==> flow/design.v <==
module dp_sel_unit_stage #(
    parameter WIDTH = 48
) (
    input  logic clk_i,
    input  logic [WIDTH-1:0] ch0,
    input  logic [WIDTH-1:0] ch1,
    input  logic [WIDTH-1:0] ch2,
    input  logic [WIDTH-1:0] ch3,
    input  logic [WIDTH-1:0] ch4,
    input  logic [2:0] choose,
    output logic [WIDTH-1:0] q
);
    logic [WIDTH-1:0] ch0_s;
    logic [WIDTH-1:0] ch1_s;
    logic [WIDTH-1:0] ch2_s;
    logic [WIDTH-1:0] ch3_s;
    logic [WIDTH-1:0] ch4_s;
    logic [2:0] choose_s;
    always_ff @(posedge clk_i) begin
        ch0_s <= ch0;
        ch1_s <= ch1;
        ch2_s <= ch2;
        ch3_s <= ch3;
        ch4_s <= ch4;
        choose_s <= choose;
    end
    logic [WIDTH-1:0] work;
    assign work =
        (choose_s == 3'd0) ? ch0_s :
        (choose_s == 3'd1) ? ch1_s :
        (choose_s == 3'd2) ? ch2_s :
        (choose_s == 3'd3) ? ch3_s :
        ch4_s;
    logic [WIDTH-1:0] q_s;
    always_ff @(posedge clk_i) begin
        q_s <= work;
    end
    assign q = q_s;
endmodule
Step by step through the tools: dp_sel_unit_stage
What the tools print for dp_sel_unit_stage, step after step. Line numbers count from 1 in the design file above. Library cell names are shortened. A cell with n/a has no value.

Top module: dp_sel_unit_stage. Clock port: clk_i. Library: sky130hd. Corner: tt_025C_1v80.

After elaboration
Yosys after proc, flatten, opt, wreduce and memory -nomap, before mapping. Enables and synchronous resets that opt folds into registers are not counted as muxes. Memory bits, and registers merged into a memory's read port (data or address), are not among the register bits. Print and check cells are not counted. Equal cells are merged and count once.

Under register bits stands 291. Under bits in latches stands 0. Under bits in writable memories stands 0. Under ROM bits stands 0. For clocked read ports x word width the number is 0. The figure for memories kept is 0. The figure for output and inout port bits is 48. The entry for elaborated cells reads 15.

Under $add $sub $neg stands 0. The figure for multiply operators is 0. The figure for divide/modulo/power cells is 0. The figure for magnitude comparators is 0. The figure for equality and inequality tests is 3. The entry for shifts and indexed selects reads 0. Muxes and demuxes: 4. The figure for bitwise logic cells is 0. The entry for reduce/logical cells reads 1.

Operator list (number): 48-bit 2-to-1 mux (4); 3-bit by 2-bit equality test with 1-bit output with constant B (2); 3-bit by 1-bit equality test with 1-bit output with constant B (1); 3-bit logical NOT (1).

Longest topological paths
Longest topological path by Yosys (ltp), each cell counted once; first at word level (registers and memories cut), then after technology mapping (sequential cells cut; the memories' decode and read muxes count).

Under depth after elaboration stands 5. The figure for ABC_AREA is 1. For mapped depth the number is 9. For gate-level depth less buffers the number is 7.

Netlist
Yosys stat after the flow's synthesis: flattened, memories mapped to cells. It holds for the ABC_AREA given above (unset counts as 0); a run with the other value may have another netlist.

The entry for mapped cells reads 1013. Under synthesis area stands 8697.1 µm². The entry for area of sequential cells reads 5825.6 µm². The figure for flip-flops is 291. The figure for buffer cells is 41.

Cells by type (number): dfxtp_1 (291); nand2_1 (289); nor2_1 (193); inv_1 (146); nand3_1 (49); buf_2 (19); buf_4 (10); clkbuf_1 (9); buf_6 (2); nor2_4 (2); nand3_2 (1); or2_1 (1); buf_1 (1).

Timing after synthesis
Path of least setup slack by OpenSTA after synthesis, without wires, with an ideal clock, recovery checks aside; 20% of the period is set as input and as output delay. Where synthesis merged equal registers, the netlist keeps one of their names.

Path kind: register to register. Start: register (name not given). End: register q_s[27]. Under clock period stands 1780 ps. Under setup time stands 112 ps. For time at the first pin the number is 0 ps. The entry for arrival time reads 1220 ps. For slack the number is 448 ps. The entry for delay of the path reads 1332 ps. The entry for driving pins on the path reads 9. Under path buffers stands 3. The entry for period reached after synthesis reads 1332 ps.

"delay of the path" is the arrival time less input delay plus setup time. "driving pins on the path": output pins that drive a net of the path, with the launching flip-flop's if there is one; two outputs of one cell count as two. "period reached after synthesis" = period - worst setup slack (recovery checks aside). The figure is calculated, with input and output delays left at 20% of the set period. The rows between start and end are the longest chain of elaborated cells between them; the timing report does not say that the signal goes this way. Where chains are equally long, one stands for them. A line is the first line of the expression or statement that the cell stems from. Yosys adds cells for indexed reads and writes and turns some case tables into memories.

Path through: dfxtp_1 or2_1 buf_4 buf_2 buf_2 nor2_1 nor2_1 nand2_1 nand2_1. Under length of the longest elaborated chain stands 5. The entry for elaborated cells on any way between the ends reads 8. For RTL lines with such cells the number is 4.

RTL lines, path post-synthesis: start: declaration (RTL line 18); start: assignment (RTL line 25); 3-bit by 2-bit equality test with 1-bit output (RTL line 32); 48-bit 2-to-1 mux (RTL line 32); 48-bit 2-to-1 mux (RTL line 31); 48-bit 2-to-1 mux (RTL line 30); 48-bit 2-to-1 mux (RTL line 29); end: assignment (RTL line 36) `q_s <= work;`; end: declaration (RTL line 34) `logic [WIDTH-1:0] q_s;`.

Path in the finished layout
From the final timing report of run A: the path of least setup slack in the routed layout; clock arrival at registers is part of the times. The path's times are printed in steps of 10 ps; the period is the one set.

Path kind: register to register. Start: register (name not given). End: register q_s[1]. Under clock period stands 1420 ps. Under setup time stands 110 ps. For time at the first pin the number is 540 ps. The entry for arrival time reads 1890 ps. For slack the number is -40 ps. The entry for driving pins on the path reads 10. Under path buffers stands 4.

The rows between start and end are the longest chain of elaborated cells between them; the timing report does not say that the signal goes this way. Where chains are equally long, one stands for them.

Path through: dfxtp_2 or2_1 buf_6 nor2_4 buf_12 buf_12 buf_12 nor2_2 nand2_1 nand2_1. Under length of the longest elaborated chain stands 5. The entry for elaborated cells on any way between the ends reads 8. For RTL lines with such cells the number is 4.

RTL lines, path after layout: start: declaration (RTL line 18); start: assignment (RTL line 25); 3-bit by 2-bit equality test with 1-bit output (RTL line 32); 48-bit 2-to-1 mux (RTL line 32); 48-bit 2-to-1 mux (RTL line 31); 48-bit 2-to-1 mux (RTL line 30); 48-bit 2-to-1 mux (RTL line 29); end: assignment (RTL line 36) `q_s <= work;`; end: declaration (RTL line 34) `logic [WIDTH-1:0] q_s;`.

FLOW RESULTS
============

Flow measurements of dp_sel_unit_stage on sky130hd: 3 stored runs with different settings, listed in no order. Input and output delays are each 20% of the period that was set; the output load is 0.01 pF. "critical path time" means the part of the period allowed to the worst setup path (the constraints hold back 20% at inputs and 20% at outputs) less its slack; where the path has registers, the arrival times of their clocks count too. "total power after layout" rests on the timing tool's default activity at the inputs, not on a simulated workload. "critical path time" is given in steps of 10 ps.

Run A has these settings: period_ns 1.42; CORE_UTILIZATION 18; SETUP_SLACK_MARGIN 0.33; PLACE_DENSITY_LB_ADDON 0.12; CELL_PAD_IN_SITES_GLOBAL_PLACEMENT 2; CELL_PAD_IN_SITES_DETAIL_PLACEMENT 2; ABC_AREA 1; GPL_TIMING_DRIVEN 0; GPL_ROUTABILITY_DRIVEN 1; CAP_MARGIN 20; CORE_MARGIN 2; SLEW_MARGIN 20. The final worst hold slack comes to 179 ps. The utilization in the final report comes to 0.295. The setup total negative slack reads -528 ps. The total power after layout reads 20.397 mW. The critical path time stands at 1,460 ps. Worst setup path kind: register to register. The synthesized cell area comes to 8,697.1 µm². The worst setup slack after layout is -45 ps. The die area reads 50,090.9 µm².

Run B has these settings: period_ns 1.74; CORE_UTILIZATION 35; SETUP_SLACK_MARGIN -0.12; CORE_ASPECT_RATIO 0.93; TNS_END_PERCENT 70; CAP_MARGIN 20; MAX_ROUTING_LAYER met4; CORE_MARGIN 2; SLEW_MARGIN 20. The final worst hold slack comes to 244 ps. The utilization in the final report comes to 0.557. The setup total negative slack reads -285 ps. The total power after layout reads 15.181 mW. The critical path time stands at 1,430 ps. Worst setup path kind: register to output. The synthesized cell area comes to 7,669.9 µm². The worst setup slack after layout is -40 ps. The die area reads 23,115.4 µm².

Run C has these settings: period_ns 1.78; CAP_MARGIN 20; CORE_MARGIN 2; CORE_UTILIZATION 40; SLEW_MARGIN 20. The final worst hold slack comes to 254 ps. The utilization in the final report comes to 0.636. The setup total negative slack reads 0 ps. The total power after layout reads 14.558 mW. The critical path time stands at 1,390 ps. Worst setup path kind: register to output. The synthesized cell area comes to 7,669.9 µm². The worst setup slack after layout is 32 ps. The die area reads 20,297.7 µm².
